==> flow/design.v <==
module u_mul_core_top (clock, aresetn, lhs_i, rhs_i, result_o);
  parameter DW = 8;
  input clock;
  input aresetn;
  input signed [DW-1:0] lhs_i;
  input signed [DW-1:0] rhs_i;
  output signed [2*DW-1:0] result_o;
  reg signed [DW-1:0] lhs_d1;
  reg signed [DW-1:0] rhs_d1;
  reg signed [2*DW-1:0] result_d1;
  always @(posedge clock or negedge aresetn) begin
    if (!aresetn) begin
      lhs_d1 <= 0;
      rhs_d1 <= 0;
      result_d1 <= 0;
    end else begin
      lhs_d1 <= lhs_i;
      rhs_d1 <= rhs_i;
      result_d1 <= lhs_d1 * rhs_d1;
    end
  end
  assign result_o = result_d1;
endmodule
Reports on u_mul_core_top
The steps from the RTL of u_mul_core_top to its reports follow in flow order.
Lines are those of the file above, counted from 1.
Operators: Yosys type, input widths -> output width; for muxes data width and select width s.
Library cell names are shortened.
A cell with n/a has no value.
- top: u_mul_core_top
- clock port: clock
- standard-cell library: sky130hd
- corner: tt_025C_1v80

Word level
Counts by Yosys on the flattened word-level netlist (proc, flatten, opt, wreduce; memories kept). Register bits leave out memories and registers merged into their read ports (data or address); mux counts leave out enables and synchronous resets folded into registers. Print and check cells are left out. Cells with the same type and inputs are merged into one.
- bits in writable memories at 0
- memories: 0
- ROM bits: 0
- bits in latches at 0
- bits in registers: 32
- word width x clocked read ports: 0
- cells after elaboration: 4
- add/subtract/negate cells at 0
- multipliers at 1
- noted mux-type cells: 0
- shifts and indexed selects at 0
- order comparisons: 0
- noted divide/modulo/power cells: 0
- noted eq/ne operators: 0
- bitwise logic cells at 0
- reduce/logical cells: 0
- operators with widths (cell ; number):
    $mul 8x8->16 ; 1

Longest topological paths
Depth = most cells in a row (Yosys ltp): at word level without a register or memory, in the mapped netlist without a sequential cell, where the memories' decode and read muxes count.
- noted depth after elaboration: 1
- noted ABC_AREA: 0
- noted gate-level depth with buffers: 17
- mapped depth without buffers: 17

After synthesis
Yosys stat after the flow's synthesis: flattened, memories mapped to cells. It holds for the ABC_AREA given above (unset counts as 0); a run with the other value may have another netlist.
Totals and module areas in this step are rounded.
- noted cell area after synthesis: 0.003354 sq mm
- sequential part of the area: 0.0008008 sq mm
- cell count at 325
- noted flip-flop cells: 32
- cell types (cell ; number ; area in all (sq um)):
    fa_1 ; 55 ; 1.1E+03
    dfrtp_1 ; 32 ; 800.768
    ha_1 ; 29 ; 362.848
    inv_1 ; 88 ; 330.317
    and2_1 ; 43 ; 269.008
    xnor2_1 ; 11 ; 96.342
    nand2_1 ; 15 ; 56.304
    nor2b_1 ; 9 ; 56.304
    nor2_1 ; 10 ; 37.536
    a21oi_1 ; 7 ; 35.034
    xor2_1 ; 3 ; 26.275
    a21oi_4 ; 1 ; 16.266
    o41ai_2 ; 1 ; 16.266
    nor4b_2 ; 1 ; 15.014
    o21a_1 ; 2 ; 15.014
    o21ai_0 ; 3 ; 15.014
    mux2_2 ; 1 ; 11.261
    nand3_1 ; 2 ; 10.01
Other cell types: 11; their cells: 12.

Worst setup path after synthesis
Source: OpenSTA report_checks on the synthesized netlist (no wires, ideal clock, input and output delay 20% of the period each), path of least setup slack; recovery checks are left aside. Register names are those of the netlist, which keeps one name where synthesis merged equal registers.
- kind: flip-flop to flip-flop
- start point: reg rhs_d1[4]
- end point: reg result_d1[11]
- driving pins on the path at 16
- library setup time at 0.069 ns
- noted delay of the path: 4.132 ns
- path slack: 1.029 ns
- noted period: 5.16 ns
- data arrival time: 4.063 ns
- noted period reached after synthesis: 4.131 ns
"delay of the path" = arrival - input delay + setup time.
"driving pins on the path": output pins that drive a net of the path, with the launching flip-flop's if there is one; two outputs of one cell count as two.
"period reached after synthesis" is the clock period less the worst setup slack; recovery checks do not enter. This is arithmetic on one report: input and output delays are still those of the set period (20% each).
The rows between start and end are the longest chain of elaborated cells between them; the timing report does not say that the signal goes this way. Where chains are equally long, one stands for them.
A line is the first line of the expression or statement that the cell stems from. Yosys adds cells for indexed reads and writes and turns some case tables into memories.
- cell sequence: dfrtp_1 and2_1 fa_1 inv_1 fa_1 inv_1 fa_1 inv_1 fa_1 inv_1 ha_1 a21o_1 a21oi_4 a21boi_1 or4_1 nand3_1
- cells in the longest elaborated chain at 1
- elaborated cells between the ends (all ways): 1
- classes of those cells: mul: 1
- ends and longest elaborated chain, after synthesis (what ; line ; text):
    start, declared ; 9 ; reg signed [DW-1:0] rhs_d1;
    start, assigned ; 14 ; rhs_d1 <= 0;
    start, assigned ; 18 ; rhs_d1 <= rhs_i;
    $mul 8x8->16 ; 19 ; result_d1 <= lhs_d1 * rhs_d1;
    end, assigned ; 15 ; result_d1 <= 0;
    end, assigned ; 19 ;
    end, declared ; 10 ; reg signed [2*DW-1:0] result_d1;

Timing after layout
From the final timing report of flow run A: the path of least setup slack in the routed layout; clock arrival at registers is part of the times.
- kind: flip-flop to flip-flop
- start point: reg rhs_d1[7]
- end point: reg result_d1[11]
- path slack: 1.12 ns
- noted period: 5.56 ns
- library setup time at 0.06 ns
- data arrival time: 4.67 ns
- driving pins on the path at 15
The rows between start and end are the longest chain of elaborated cells between them; the timing report does not say that the signal goes this way. Where chains are equally long, one stands for them.
- cell sequence: dfrtp_1 nand2b_1 fa_1 fa_1 inv_1 fa_1 inv_1 fa_1 inv_1 ha_1 a21o_1 a21oi_4 a21boi_1 or4_1 nand3_1
- cells in the longest elaborated chain at 1
- elaborated cells between the ends (all ways): 1
- classes of those cells: mul: 1
- ends and longest elaborated chain, post-layout (what ; line ; text):
    start, declared ; 9 ; reg signed [DW-1:0] rhs_d1;
    start, assigned ; 14 ; rhs_d1 <= 0;
    start, assigned ; 18 ; rhs_d1 <= rhs_i;
    $mul 8x8->16 ; 19 ; result_d1 <= lhs_d1 * rhs_d1;
    end, assigned ; 15 ; result_d1 <= 0;
    end, assigned ; 19 ;
    end, declared ; 10 ; reg signed [2*DW-1:0] result_d1;

## Implementation results

Measured results for u_mul_core_top: 3 stored runs of the Yosys and OpenROAD flow on sky130hd. The settings differ; the order carries no meaning. The constraints put input and output delay at 20% of the set period each and load the outputs with 0.01 pF.
"achieved clock period": clock period set for the run, less the worst setup slack. It is reckoned from that one timing run; input and output delays stay at 20% of the period that was set.
"critical setup path time": the worst setup path's part of the clock period (all of it between registers, 20% less for each end at a port) less its slack. A launch clock that arrives late makes it longer, a capture clock that arrives late makes it shorter.
By "total power after layout" is meant OpenSTA's value without simulated activity: inputs other than the clock are taken to toggle once in ten clock periods, and the tool carries that through the logic.
The measured numbers are rounded.

Flow run A
Settings were period_ns = 5.56; CORE_UTILIZATION = 71; SETUP_SLACK_MARGIN = 0.13; PLACE_DENSITY_LB_ADDON = 0.21; CORE_ASPECT_RATIO = 1.16; CORE_MARGIN = 6; CELL_PAD_IN_SITES_GLOBAL_PLACEMENT = 0; ABC_AREA = 0; GPL_ROUTABILITY_DRIVEN = 0; CTS_CLUSTER_DIAMETER = 117; CAP_MARGIN = 30; SLEW_MARGIN = 40; MAX_ROUTING_LAYER = met4
- synthesized cell area at 0.003354 sq mm
- noted the die footprint: 0.006523 sq mm
- area of the standard cells in the finished layout at 0.003889 sq mm
- noted the setup slack of the worst path: 1.120 ns
- total negative setup slack at 0.000 ns
- worst hold slack in the final report at 0.623 ns
- total power after layout: 1.786 mW
- achieved clock period at 4.440 ns
- critical setup path time at 4.44 ns
- class of the worst setup path: flip-flop to flip-flop

Flow run B
Settings were period_ns = 3.4; CORE_UTILIZATION = 43; SETUP_SLACK_MARGIN = 0.94; PLACE_DENSITY_LB_ADDON = 0.19; CELL_PAD_IN_SITES_GLOBAL_PLACEMENT = 2; CELL_PAD_IN_SITES_DETAIL_PLACEMENT = 0; TNS_END_PERCENT = 55; ABC_AREA = 1; GPL_ROUTABILITY_DRIVEN = 1; CTS_CLUSTER_DIAMETER = 125; SLEW_MARGIN = 30; MAX_ROUTING_LAYER = met4; CAP_MARGIN = 20; CORE_MARGIN = 2
- synthesized cell area at 0.003657 sq mm
- noted the die footprint: 0.009259 sq mm
- area of the standard cells in the finished layout at 0.005037 sq mm
- noted the setup slack of the worst path: -0.458 ns
- total negative setup slack at -3.712 ns
- worst hold slack in the final report at 0.724 ns
- total power after layout: 3.963 mW
- achieved clock period at 3.858 ns
- critical setup path time at 3.86 ns
- class of the worst setup path: flip-flop to flip-flop

Flow run C
Settings were period_ns = 5.16; CAP_MARGIN = 20; CORE_MARGIN = 2; CORE_UTILIZATION = 40; SLEW_MARGIN = 20
- synthesized cell area at 0.003354 sq mm
- noted the die footprint: 0.009135 sq mm
- area of the standard cells in the finished layout at 0.003916 sq mm
- noted the setup slack of the worst path: 0.864 ns
- total negative setup slack at 0.000 ns
- worst hold slack in the final report at 0.611 ns
- total power after layout: 1.730 mW
- achieved clock period at 4.296 ns
- critical setup path time at 4.30 ns
- class of the worst setup path: flip-flop to flip-flop
